==> flow/design.v <==
module sync_barrel #(
  parameter integer WIDTH = 20,
  parameter integer SBITS = $clog2(WIDTH)
) (
  input wire i_clk,
  input wire [WIDTH-1:0] d_i,
  input wire [SBITS-1:0] shamt_i,
  output reg [WIDTH-1:0] res_o
);
  wire [WIDTH-1:0] node [0:SBITS];
  assign node[0] = d_i;
  genvar ii;
  generate
    for (ii = 0; ii < SBITS; ii = ii + 1) begin : row
      assign node[ii+1] = shamt_i[ii] ? (node[ii] << (1 << ii)) | (node[ii] >> (WIDTH - (1 << ii))) : node[ii];
    end
  endgenerate
  always @(posedge i_clk) begin
    res_o <= node[SBITS];
  end
endmodule
Tool chain data of sync_barrel
What the tools print for sync_barrel, step after step.
Lines are those of the file above, counted from 1.
Cell names lack the library's common part.
A cell with -- has no value.
Design
  top module: sync_barrel
  clock input: i_clk
  standard-cell library: sky130hd
  library corner: tt_025C_1v80

Word-level counts
Yosys after proc, flatten, opt, wreduce and memory -nomap, before mapping. Enables and synchronous resets that opt folds into registers are not counted as muxes. Memory bits, and registers merged into a memory's read port (data or address), are not among the register bits. Print and check cells are not counted. Equal cells are merged and count once.
Cells by class
  shift operators: 0
  equality and inequality tests: 0
  $lt $le $gt $ge: 0
  muxes and demuxes: 5
  multiply operators: 0
  bitwise operators: 5
  $add $sub $neg: 0
  reduce/logical cells: 0
  divide/modulo/power cells: 0
Operator list (number)
  two-way mux 20 bit: 5
  bitwise OR 20 x 1 -> 20 bit: 1
  bitwise OR 20 x 16 -> 20 bit: 1
  bitwise OR 20 x 2 -> 20 bit: 1
  bitwise OR 20 x 4 -> 20 bit: 1
  bitwise OR 20 x 8 -> 20 bit: 1
Storage and ports
  input bits: 26
  bits in read-only memories: 0
  bits in registers: 20
  elaborated cells: 11
  memories kept: 0
  memory bits (writable): 0
  output and inout bits: 20
  bits in latches: 0
  clocked read ports x word width: 0

Longest topological paths
Yosys ltp: most cells in a row. Word level: on the elaborated netlist, between registers, memories and ports. Mapped: between sequential cells and ports; inverters and the memories' decode and read muxes count.
Logic depth
  depth after elaboration: 10
  ABC_AREA: 0
  mapped depth: 5
  depth with buffers taken out: 3

Mapped cells and area
The flow's flattened synthesis, as Yosys stat reports it; memories are mapped. The netlist is that of the ABC_AREA named above (0 if unset); the other value can give another one.
Cells by type
  mux4_1: number 19, area in all 499.229 µm²
  mux4_2: number 21, area in all 472.954 µm²
  dfxtp_1: number 20, area in all 400.384 µm²
  mux2_2: number 20, area in all 225.216 µm²
  buf_6: number 2, area in all 22.522 µm²
  clkbuf_1: number 6, area in all 22.522 µm²
  buf_4: number 1, area in all 7.507 µm²
  buf_2: number 1, area in all 5.005 µm²
Synthesis totals
  sequential part of the area: 400.4 µm²
  cell count: 90
  flip-flops: 20
  buffers: 10
  mapped area: 1655.3 µm²

Path before layout
Path of least setup slack by OpenSTA after synthesis, without wires, with an ideal clock, recovery checks aside; 20% of the period is set as input and as output delay. Where synthesis merged equal registers, the netlist keeps one of their names.
Timing path post-synthesis
  kind: input to register
  start: input port shamt_i[3]
  end: register res_o[0]
  clock period: 2480 ps
  path buffers: 2
  data required time: 2359 ps
  input delay: 496 ps
  setup slack: 400 ps
  path delay: 1584 ps
  arrival time: 1959 ps
  stages on the path: 5
  library setup time: 121 ps
  synthesis period reached: 2080 ps
"path delay" = arrival - input delay + setup time.
"stages on the path": output pins that drive a net of the path, with the launching flip-flop's if there is one; two outputs of one cell count as two.
"synthesis period reached" = period - worst setup slack (recovery checks aside). The figure is calculated, with input and output delays left at 20% of the set period.
The rows between start and end are the longest chain of elaborated cells between them; the timing report does not say that the signal goes this way. Where chains are equally long, one stands for them.
Each line given opens the expression or statement behind the cell; cells for indexed reads and writes are added by Yosys, which also makes memories of some case tables.
Between the ends, post-synthesis
  cells stage by stage: buf_2 -> buf_4 -> mux4_2 -> mux4_1 -> mux2_2
  cells in the longest elaborated chain: 3
Ends and longest elaborated chain, post-synthesis
  from (decl): line 7  | input wire [SBITS-1:0] shamt_i,
  two-way mux 20 bit: line 15  | assign node[ii+1] = shamt_i[ii] ? (node[ii] << (1 << ii)) | (node[ii] >> (WIDTH - (1 << ii))) : node[ii];
  bitwise OR 20 x 16 -> 20 bit: line 15
  two-way mux 20 bit: line 15
  to (assign): line 19  | res_o <= node[SBITS];
  to (decl): line 8  | output reg [WIDTH-1:0] res_o

Path in the finished layout
Path of least setup slack in the final report of run 1 (OpenROAD, finished layout, wires in). Where an end is a register, its clock arrival counts in the times.
The report prints the path's times to 10 ps; the period is as set.
Timing path after layout
  kind: input to register
  start: input port shamt_i[3]
  end: register res_o[10]
  input delay: 630 ps
  setup slack: 700 ps
  path buffers: 2
  data required time: 3290 ps
  library setup time: 110 ps
  arrival time: 2590 ps
  clock period: 3160 ps
  stages on the path: 5
The rows between start and end are the longest chain of elaborated cells between them; the timing report does not say that the signal goes this way. Where chains are equally long, one stands for them.
Between the ends, after layout
  cells stage by stage: clkdlybuf4s50_1 -> buf_4 -> mux4_2 -> mux4_1 -> mux2_2
  cells in the longest elaborated chain: 3
Ends and longest elaborated chain, after layout
  from (decl): line 7  | input wire [SBITS-1:0] shamt_i,
  two-way mux 20 bit: line 15  | assign node[ii+1] = shamt_i[ii] ? (node[ii] << (1 << ii)) | (node[ii] >> (WIDTH - (1 << ii))) : node[ii];
  bitwise OR 20 x 16 -> 20 bit: line 15
  two-way mux 20 bit: line 15
  to (assign): line 19  | res_o <= node[SBITS];
  to (decl): line 8  | output reg [WIDTH-1:0] res_o

Ticket comment

Top module sync_barrel; platform sky130hd; tools Yosys and OpenROAD; 3 stored runs in no particular order. Input and output delays are each 20% of the period that was set; the output load is 0.01 pF.
"worst setup path time" is the time allowed to the run's worst setup path (the clock period less input and output delay, where it has them) less its slack. Clock arrival times count: a late capture clock shortens it, a late launch clock lengthens it.
"power" rests on the timing tool's default activity at the inputs, not on a simulated workload.
"worst setup path time" is known to 10 ps.
[run 1] settings: period_ns=3.16, CORE_UTILIZATION=37, SETUP_SLACK_MARGIN=0.52, PLACE_DENSITY=0.5, CELL_PAD_IN_SITES_GLOBAL_PLACEMENT=2, GPL_ROUTABILITY_DRIVEN=0, MAX_ROUTING_LAYER=met4, CAP_MARGIN=20, CORE_MARGIN=2, SLEW_MARGIN=20
[run 1] result: chip area after synthesis (Yosys) 1655.3 µm², die area 5024.7 µm², standard-cell area of the final layout 2235.9 µm², worst setup slack after layout 703 ps, total negative slack 0 ps, worst hold slack 1443 ps, power 0.8547 mW, worst setup path time 1830 ps, worst setup path kind input to register
[run 2] settings: period_ns=2.71, CORE_UTILIZATION=28, SETUP_SLACK_MARGIN=0.02, PLACE_DENSITY_LB_ADDON=0.01, HOLD_SLACK_MARGIN=0.1, CORE_ASPECT_RATIO=0.67, CELL_PAD_IN_SITES_DETAIL_PLACEMENT=0, TNS_END_PERCENT=85, ABC_AREA=1, GPL_ROUTABILITY_DRIVEN=0, CTS_CLUSTER_DIAMETER=221, CAP_MARGIN=5, MIN_ROUTING_LAYER=met2, CORE_MARGIN=2, SLEW_MARGIN=20
[run 2] result: chip area after synthesis (Yosys) 1547.7 µm², die area 6150.2 µm², standard-cell area of the final layout 2064.5 µm², worst setup slack after layout 708 ps, total negative slack 0 ps, worst hold slack 1109 ps, power 0.9104 mW, worst setup path time 1460 ps, worst setup path kind input to register
[run 3] settings: period_ns=2.48, CAP_MARGIN=20, CORE_MARGIN=2, CORE_UTILIZATION=40, SLEW_MARGIN=20
[run 3] result: chip area after synthesis (Yosys) 1655.3 µm², die area 4669.0 µm², standard-cell area of the final layout 2262.2 µm², worst setup slack after layout 149 ps, total negative slack 0 ps, worst hold slack 1123 ps, power 1.094 mW, worst setup path time 1840 ps, worst setup path kind input to register
